==> flow/design.v <==
module gen_mult_p #(
  parameter integer BITS = 14
) (
  input  wire clock,
  input  wire srst,
  input  wire step,
  input  wire [BITS-1:0] in0_i,
  input  wire [BITS-1:0] in1_i,
  input  wire [2*BITS-1:0] in2_i,
  output reg [2*BITS:0] p_o
);
  always @(posedge clock) begin
    if (srst) begin
      p_o <= 0;
    end else if (step) begin
      p_o <= in0_i * in1_i + in2_i;
    end
  end
endmodule
# [From RTL to reports: gen_mult_p]
# The steps from the RTL of gen_mult_p to its reports follow in flow order.
# Line numbers count from 1 in the design file above.
# Operators: Yosys type, input widths -> output width; for muxes data width and select width s.
# Cell names lack the library's common part.
# The mark - stands for no value.
[inputs] top_module="gen_mult_p" clk_port="clock" library="sky130hd" lib_corner="tt_025C_1v80"

# [After elaboration]
# Counts by Yosys on the flattened word-level netlist (proc, flatten, opt, wreduce; memories kept). Register bits leave out memories and registers merged into their read ports (data or address); mux counts leave out enables and synchronous resets folded into registers. Print and check cells are left out. Cells with the same type and inputs are merged into one.
[classes] add_sub_neg=1 n_mul=1
[op_table] op="$mul 14x14->28" n=1
[op_table] op="$add 28x28->29" n=1
[bits] reg_bits=29 input_bits=59 out_inout_bits=29 wordCells=3

# [Longest topological paths]
# Longest topological path by Yosys (ltp), each cell counted once; first at word level (registers and memories cut), then after technology mapping (sequential cells cut; the memories' decode and read muxes count).
[logic_depth] word_depth=2 ABC_AREA=1 mapped_depth=26 depth_no_buf=25

# [After synthesis]
# Source: synth_stat.txt of the flow (Yosys; design flattened, memories mapped). It holds for the ABC_AREA given above (unset counts as 0); a run with the other value may have another netlist.
# Totals and module areas in this step are rounded.
[synth_totals] cell_count=1285 mapped_area_um2=9140 seqArea_um2=580.6 ffs=29 n_buf=36
[types] type="fa_1" n=169 type_area_um2=3.38E+03
[types] type="inv_1" n=380 type_area_um2=1.43E+03
[types] type="nand2_1" n=373 type_area_um2=1.4E+03
[types] type="ha_1" n=88 type_area_um2=1.1E+03
[types] type="dfxtp_1" n=29 type_area_um2=580.557
[types] type="nor2_1" n=72 type_area_um2=270.259
[types] type="nand3_1" n=36 type_area_um2=180.173
[types] type="clkbuf_1" n=33 type_area_um2=123.869
[types] type="o21ai_0" n=17 type_area_um2=85.082
[types] type="xor2_1" n=9 type_area_um2=78.826
[types] type="nand2_2" n=11 type_area_um2=68.816
[types] type="a21oi_1" n=12 type_area_um2=60.058
[types] type="nor2_4" n=5 type_area_um2=56.304
[types] type="nand4_1" n=7 type_area_um2=43.792
[types] type="nor2_2" n=7 type_area_um2=43.792
[types] type="nand3_2" n=4 type_area_um2=40.038
[types] type="inv_2" n=10 type_area_um2=37.536
[types] type="o21bai_1" n=4 type_area_um2=30.029
# Other cell types: 11; their cells: 19.

# [Worst setup path after synthesis]
# Source: OpenSTA report_checks on the synthesized netlist (no wires, ideal clock, input and output delay 20% of the period each), path of least setup slack; recovery checks are left aside. Register names are those of the netlist, which keeps one name where synthesis merged equal registers.
[synth_path] path_kind="input-to-reg" from="in in1_i[0]" to="reg p_o[27]" tclk_ps=8290 input_delay_ps=1658 setup_time_ps=109 t_first_pin_ps=1658 arrival_ps=6182 t_required_ps=8181 setup_slack_ps=1999 path_delay_ps=4633 stages=26 path_buffers=1 period_less_setup_slack_ps=6291
# "path_delay_ps" = arrival - input delay + setup time.
# "stages": output pins that drive a net of the path, with the launching flip-flop's if there is one; two outputs of one cell count as two.
# "period_less_setup_slack_ps" is the clock period less the worst setup slack; recovery checks do not enter. This is arithmetic on one report: input and output delays are still those of the set period (20% each).
# Between the ends stands the longest chain of elaborated cells between them, by number of cells; it is not shown to be the way that was timed. Of several equally long chains one is given.
# A line is the first line of the expression or statement that the cell stems from. Yosys adds cells for indexed reads and writes and turns some case tables into memories.
[synth_between] cell_sequence="clkbuf_1 > nand2_1 > inv_1 > fa_1 > inv_1 > fa_1 > inv_1 > fa_1 > inv_1 > fa_1 > inv_1 > fa_1 > fa_1 > ha_1 > nand2_2 > inv_1 > nand2_1 > nand2_1 > inv_1 > nand3_2 > nand2_1 > nand3_1 > nand2_1 > nand3_1 > nand2_1 > inv_1" elab_chain_cells=2 cells_between=2 cone_lines=1 cone_classes="1 x add/sub; 1 x mul"
[synth_lines] item="from (decl)" line_no=8 source="input  wire [BITS-1:0] in1_i,"
[synth_lines] item="$mul 14x14->28" line_no=16 source="p_o <= in0_i * in1_i + in2_i;"
[synth_lines] item="$add 28x28->29" line_no=16
[synth_lines] item="to (assign)" line_no=14 source="p_o <= 0;"
[synth_lines] item="to (assign)" line_no=16
[synth_lines] item="to (decl)" line_no=10 source="output reg [2*BITS:0] p_o"

# [Path in the finished layout]
# From the final timing report of record 1: the path of least setup slack in the routed layout; clock arrival at registers is part of the times.
# The report prints the path's times to 10 ps; the period is as set.
[layout_path] path_kind="input-to-reg" from="in in2_i[11]" to="reg p_o[12]" tclk_ps=8730 input_delay_ps=1750 setup_time_ps=110 t_first_pin_ps=1750 arrival_ps=6940 t_required_ps=8900 setup_slack_ps=1960 stages=19 path_buffers=1
# Between the ends stands the longest chain of elaborated cells between them, by number of cells; it is not shown to be the way that was timed. Of several equally long chains one is given.
[layout_between] cell_sequence="clkdlybuf4s50_1 > fa_1 > inv_1 > fa_1 > inv_1 > fa_1 > fa_1 > fa_1 > fa_1 > ha_1 > nand2_2 > inv_1 > nand2_1 > nand2_1 > inv_1 > nand3_2 > xor2_2 > o21ai_0 > inv_1" elab_chain_cells=1 cells_between=1 cone_lines=1 cone_classes="1 x add/sub"
[layout_lines] item="from (decl)" line_no=9 source="input  wire [2*BITS-1:0] in2_i,"
[layout_lines] item="$add 28x28->29" line_no=16 source="p_o <= in0_i * in1_i + in2_i;"
[layout_lines] item="to (assign)" line_no=14 source="p_o <= 0;"
[layout_lines] item="to (assign)" line_no=16
[layout_lines] item="to (decl)" line_no=10 source="output reg [2*BITS:0] p_o"

# Flow measurements of gen_mult_p on sky130hd: 3 stored runs with different settings, listed in no order. Input and output delays are each 20% of the period that was set; the output load is 0.01 pF.
# "timing.achieved_period_ps" is the run's clock period less its worst setup slack. It is reckoned from that one timing run; input and output delays stay at 20% of the period that was set.
# Results are given in rounded form.
run="record 1" settings period_ns=8.73 CORE_UTILIZATION=17 SETUP_SLACK_MARGIN=1.69 PLACE_DENSITY_LB_ADDON=0.18 CORE_MARGIN=3 CELL_PAD_IN_SITES_GLOBAL_PLACEMENT=1 TNS_END_PERCENT=75 ABC_AREA=1 GPL_ROUTABILITY_DRIVEN=0 CTS_CLUSTER_SIZE=66 MIN_ROUTING_LAYER="met2" CAP_MARGIN=20 SLEW_MARGIN=20
run="record 1" results post_synth_area_um2=9140 timing.achieved_period_ps=6771 finalCellArea_um2=10890 setup_worst_slack_ps=1959 die_um2=56580 setupTns_ps=0
run="record 2" settings period_ns=6.57 CORE_UTILIZATION=17 SETUP_SLACK_MARGIN=0.59 PLACE_DENSITY_LB_ADDON=0.26 GPL_TIMING_DRIVEN=0 CAP_MARGIN=5 MIN_ROUTING_LAYER="met1" MAX_ROUTING_LAYER="met5" CORE_MARGIN=2 SLEW_MARGIN=20
run="record 2" results post_synth_area_um2=8346 timing.achieved_period_ps=6558 finalCellArea_um2=11880 setup_worst_slack_ps=12 die_um2=50880 setupTns_ps=0
run="record 3" settings period_ns=8.29 CAP_MARGIN=20 CORE_MARGIN=2 CORE_UTILIZATION=40 SLEW_MARGIN=20
run="record 3" results post_synth_area_um2=8346 timing.achieved_period_ps=7852 finalCellArea_um2=9676 setup_worst_slack_ps=438 die_um2=22030 setupTns_ps=0
